==> flow/design.v <==
module ex_data_mux (aclk, src_in, addr_in, dout_out);
    parameter integer DATA_W = 32;
    parameter integer NUM = 4;
    localparam integer LOGN = $clog2(NUM);
    input aclk;
    input [NUM*DATA_W-1:0] src_in;
    input [LOGN-1:0] addr_in;
    output [DATA_W-1:0] dout_out;
    reg [NUM*DATA_W-1:0] src_d1;
    always @(posedge aclk)
        src_d1 <= src_in;
    reg [LOGN-1:0] addr_d1;
    always @(posedge aclk)
        addr_d1 <= addr_in;
    assign dout_out = src_d1[addr_d1*DATA_W +: DATA_W];
endmodule
# From RTL to reports: ex_data_mux
# The steps from the RTL of ex_data_mux to its reports follow in flow order.
# Lines are those of the file above, counted from 1.
# Library cell names are shortened.
# The mark n/a stands for no value.
# setup
top_module,ex_data_mux
clock_port,aclk
lib,sky130hd
lib_corner,tt_025C_1v80

# After elaboration
# Source: Yosys, flattened and elaborated, memories not mapped. Widths are those after wreduce; folded enables and synchronous resets count as part of the registers. Registers that Yosys merges into a memory's read port (data or address) are not register bits. Print and check cells do not count. Equal cells are merged and count once.
# bits
ff_bits,130
input_bits,131
output_inout_bits,32
word_cells,3
# classes
shift,1
# op_table
cell,count
128-bit by 8-bit variable part select with 32-bit output,1

# Logic depth
# Yosys ltp: most cells in a row. Word level: on the elaborated netlist, between registers, memories and ports. Mapped: between sequential cells and ports; inverters and the memories' decode and read muxes count.
# depth
depth_word,1
abc_area,1
ltp_mapped,5

# Mapped cells and area
# The flow's flattened synthesis, as Yosys stat reports it; memories are mapped. The netlist is that of the ABC_AREA named above (0 if unset); the other value can give another one.
# The area totals of this step are shown rounded.
# mapped
stdcells,504
yosys_area_um2,4170
ff_cells,130
n_buf,20
# types
cell_type,count,area_total_um2
dfxtp_1,130,2.6E+03
nand2_1,160,600.576
inv_1,129,484.214
nand3_1,64,320.307
buf_6,7,78.826
buf_2,9,45.043
buf_4,4,30.029
inv_2,1,3.754

# Worst setup path after synthesis
# Path of least setup slack by OpenSTA after synthesis, without wires, with an ideal clock, recovery checks aside; 20% of the period is set as input and as output delay. Where synthesis merged equal registers, the netlist keeps one of their names.
# synth_timing
path_kind,register to output
start,reg addr_d1[1]
end,out dout_out[10]
tclk_ns,1.73
launch_ns,0.000
arrival_time_ns,0.849
t_required_ns,1.384
setup_slack_ns,0.535
delay_ns,0.849
stages,6
path_buffers,2
period_less_setup_slack_ns,1.195
# "delay_ns" is the arrival time less input delay plus setup time.
# A path that ends at an output port has no setup time.
# "stages" counts driving pins, that of a launching flip-flop among them; a cell with two outputs on the path counts twice.
# "period_less_setup_slack_ns" is the clock period less the worst setup slack; recovery checks do not enter. This is arithmetic on one report: input and output delays are still those of the set period (20% each).
# Between the ends stands the longest chain of elaborated cells between them, by number of cells; it is not shown to be the way that was timed. Of several equally long chains one is given.
# Each line given opens the expression or statement behind the cell; cells for indexed reads and writes are added by Yosys, which also makes memories of some case tables.
# synth_via
cell_sequence,dfxtp_1 > buf_6 > inv_1 > buf_6 > nand3_1 > nand2_1
elab_chain_cells,1
# synth_rtl
element,line_no,rtl
from (decl),12,reg [LOGN-1:0] addr_d1;
from (assign),14,addr_d1 <= addr_in;
128-bit by 8-bit variable part select with 32-bit output,15,assign dout_out = src_d1[addr_d1*DATA_W +: DATA_W];
to (decl),8,output [DATA_W-1:0] dout_out;

# Timing after layout
# Path of least setup slack in the final report of record 2 (OpenROAD, finished layout, wires in). Where an end is a register, its clock arrival counts in the times.
# layout_timing
path_kind,register to output
start,reg addr_d1[0]
end,out dout_out[25]
tclk_ns,1.91
launch_ns,0.41
arrival_time_ns,1.48
t_required_ns,1.53
setup_slack_ns,0.04
stages,7
path_buffers,3
# Between the ends stands the longest chain of elaborated cells between them, by number of cells; it is not shown to be the way that was timed. Of several equally long chains one is given.
# layout_via
cell_sequence,dfxtp_4 > buf_6 > buf_12 > nand2_1 > nand3_1 > nand2_1 > buf_2
elab_chain_cells,1
# layout_rtl
element,line_no,rtl
from (decl),12,reg [LOGN-1:0] addr_d1;
from (assign),14,addr_d1 <= addr_in;
128-bit by 8-bit variable part select with 32-bit output,15,assign dout_out = src_d1[addr_d1*DATA_W +: DATA_W];
to (decl),8,output [DATA_W-1:0] dout_out;

--- measured runs ---
ex_data_mux through Yosys and OpenROAD on sky130hd: 3 stored runs, unordered, with their settings and measured results. The constraints put input and output delay at 20% of the set period each and load the outputs with 0.01 pF.
"achieved_period_ns": clock period set for the run, less the worst setup slack. It is reckoned from that one timing run; input and output delays stay at 20% of the period that was set.
"critical_path_time_ns" = time allowed to the worst setup path (clock period - input delay - output delay, where it has them) - its slack; a late launch clock adds to it, a late capture clock takes from it.
"final_power_w" rests on the timing tool's default activity at the inputs, not on a simulated workload.
Values from the reports are rounded here.

Record 1, flow files:
==> flow/run.sh <==
#!/bin/bash
# the make line also repeats the synthesis and layout settings of config.mk as NAME=value (left out here)
make -C /OpenROAD-flow-scripts/flow DESIGN_CONFIG=/design/flow/config.mk WORK_HOME=/design/flow/orfs CLKGATE_MAP_FILE= finish
==> flow/config.mk <==
export PLATFORM = sky130hd
export DESIGN_NAME = ex_data_mux
export DESIGN_NICKNAME = ex_data_mux
export VERILOG_FILES = /design/flow/design.v
export SDC_FILE = /design/flow/constraint.sdc
export NUM_CORES = 4
export LEC_CHECK = 0
export ABC_AREA = 1
export CAP_MARGIN = 20
export CELL_PAD_IN_SITES_DETAIL_PLACEMENT = 0
export CELL_PAD_IN_SITES_GLOBAL_PLACEMENT = 2
export CORE_MARGIN = 6
export CORE_UTILIZATION = 60
export HOLD_SLACK_MARGIN = 0.14
export PLACE_DENSITY_LB_ADDON = 0.1
export SETUP_SLACK_MARGIN = -0.05
export SLEW_MARGIN = 20
==> flow/constraint.sdc <==
create_clock -name core_clock -period 1.16 [get_ports {aclk}]
set_input_delay 0.2320 -clock core_clock [delete_from_list [all_inputs] [get_ports {aclk}]]
set_output_delay 0.2320 -clock core_clock [all_outputs]
set_load 0.01 [all_outputs]

Record 1: no final report: placement broke off with FLW-0024

Record 2, flow files:
==> flow/run.sh <==
#!/bin/bash
# the make line also repeats the synthesis and layout settings of config.mk as NAME=value (left out here)
make -C /OpenROAD-flow-scripts/flow DESIGN_CONFIG=/design/flow/config.mk WORK_HOME=/design/flow/orfs CLKGATE_MAP_FILE= finish
==> flow/config.mk <==
export PLATFORM = sky130hd
export DESIGN_NAME = ex_data_mux
export DESIGN_NICKNAME = ex_data_mux
export VERILOG_FILES = /design/flow/design.v
export SDC_FILE = /design/flow/constraint.sdc
export NUM_CORES = 4
export LEC_CHECK = 0
export ABC_AREA = 1
export CAP_MARGIN = 20
export CELL_PAD_IN_SITES_GLOBAL_PLACEMENT = 1
export CORE_MARGIN = 10
export CORE_UTILIZATION = 34
export CTS_CLUSTER_DIAMETER = 349
export CTS_CLUSTER_SIZE = 63
export GPL_ROUTABILITY_DRIVEN = 0
export HOLD_SLACK_MARGIN = 0.08
export MIN_ROUTING_LAYER = met1
export PLACE_DENSITY = 0.81
export SLEW_MARGIN = 35
export TNS_END_PERCENT = 45
==> flow/constraint.sdc <==
create_clock -name core_clock -period 1.91 [get_ports {aclk}]
set_input_delay 0.3820 -clock core_clock [delete_from_list [all_inputs] [get_ports {aclk}]]
set_output_delay 0.3820 -clock core_clock [all_outputs]
set_load 0.01 [all_outputs]

==> results of record 2, as CSV <==
result,value
worst_hold_slack_ns,0.408
final_power_w,0.00642
final_setup_tns_ns,0.000
critical_path_time_ns,1.48
critical_path_kind,"register to output"
worst_setup_slack_ns,0.043
die_area_um2,17100
finalUtil_frac,0.536
finish.stdcell_area_um2,6440
achieved_period_ns,1.867
synth_area_um2,4170

Record 3, flow files:
==> flow/run.sh <==
#!/bin/bash
# the make line also repeats the synthesis and layout settings of config.mk as NAME=value (left out here)
make -C /OpenROAD-flow-scripts/flow DESIGN_CONFIG=/design/flow/config.mk WORK_HOME=/design/flow/orfs CLKGATE_MAP_FILE= finish
==> flow/config.mk <==
export PLATFORM = sky130hd
export DESIGN_NAME = ex_data_mux
export DESIGN_NICKNAME = ex_data_mux
export VERILOG_FILES = /design/flow/design.v
export SDC_FILE = /design/flow/constraint.sdc
export NUM_CORES = 4
export LEC_CHECK = 0
export CAP_MARGIN = 20
export CORE_MARGIN = 2
export CORE_UTILIZATION = 40
export SLEW_MARGIN = 20
==> flow/constraint.sdc <==
create_clock -name core_clock -period 1.73 [get_ports {aclk}]
set_input_delay 0.3460 -clock core_clock [delete_from_list [all_inputs] [get_ports {aclk}]]
set_output_delay 0.3460 -clock core_clock [all_outputs]
set_load 0.01 [all_outputs]

==> results of record 3, as CSV <==
result,value
final_power_w,0.00729
worst_setup_slack_ns,-0.399
critical_path_time_ns,1.78
critical_path_kind,"register to output"
synth_area_um2,3420
die_area_um2,9300
achieved_period_ns,2.129
finalUtil_frac,0.705
worst_hold_slack_ns,0.280
final_setup_tns_ns,-11.9
finish.stdcell_area_um2,5820
--- end ---
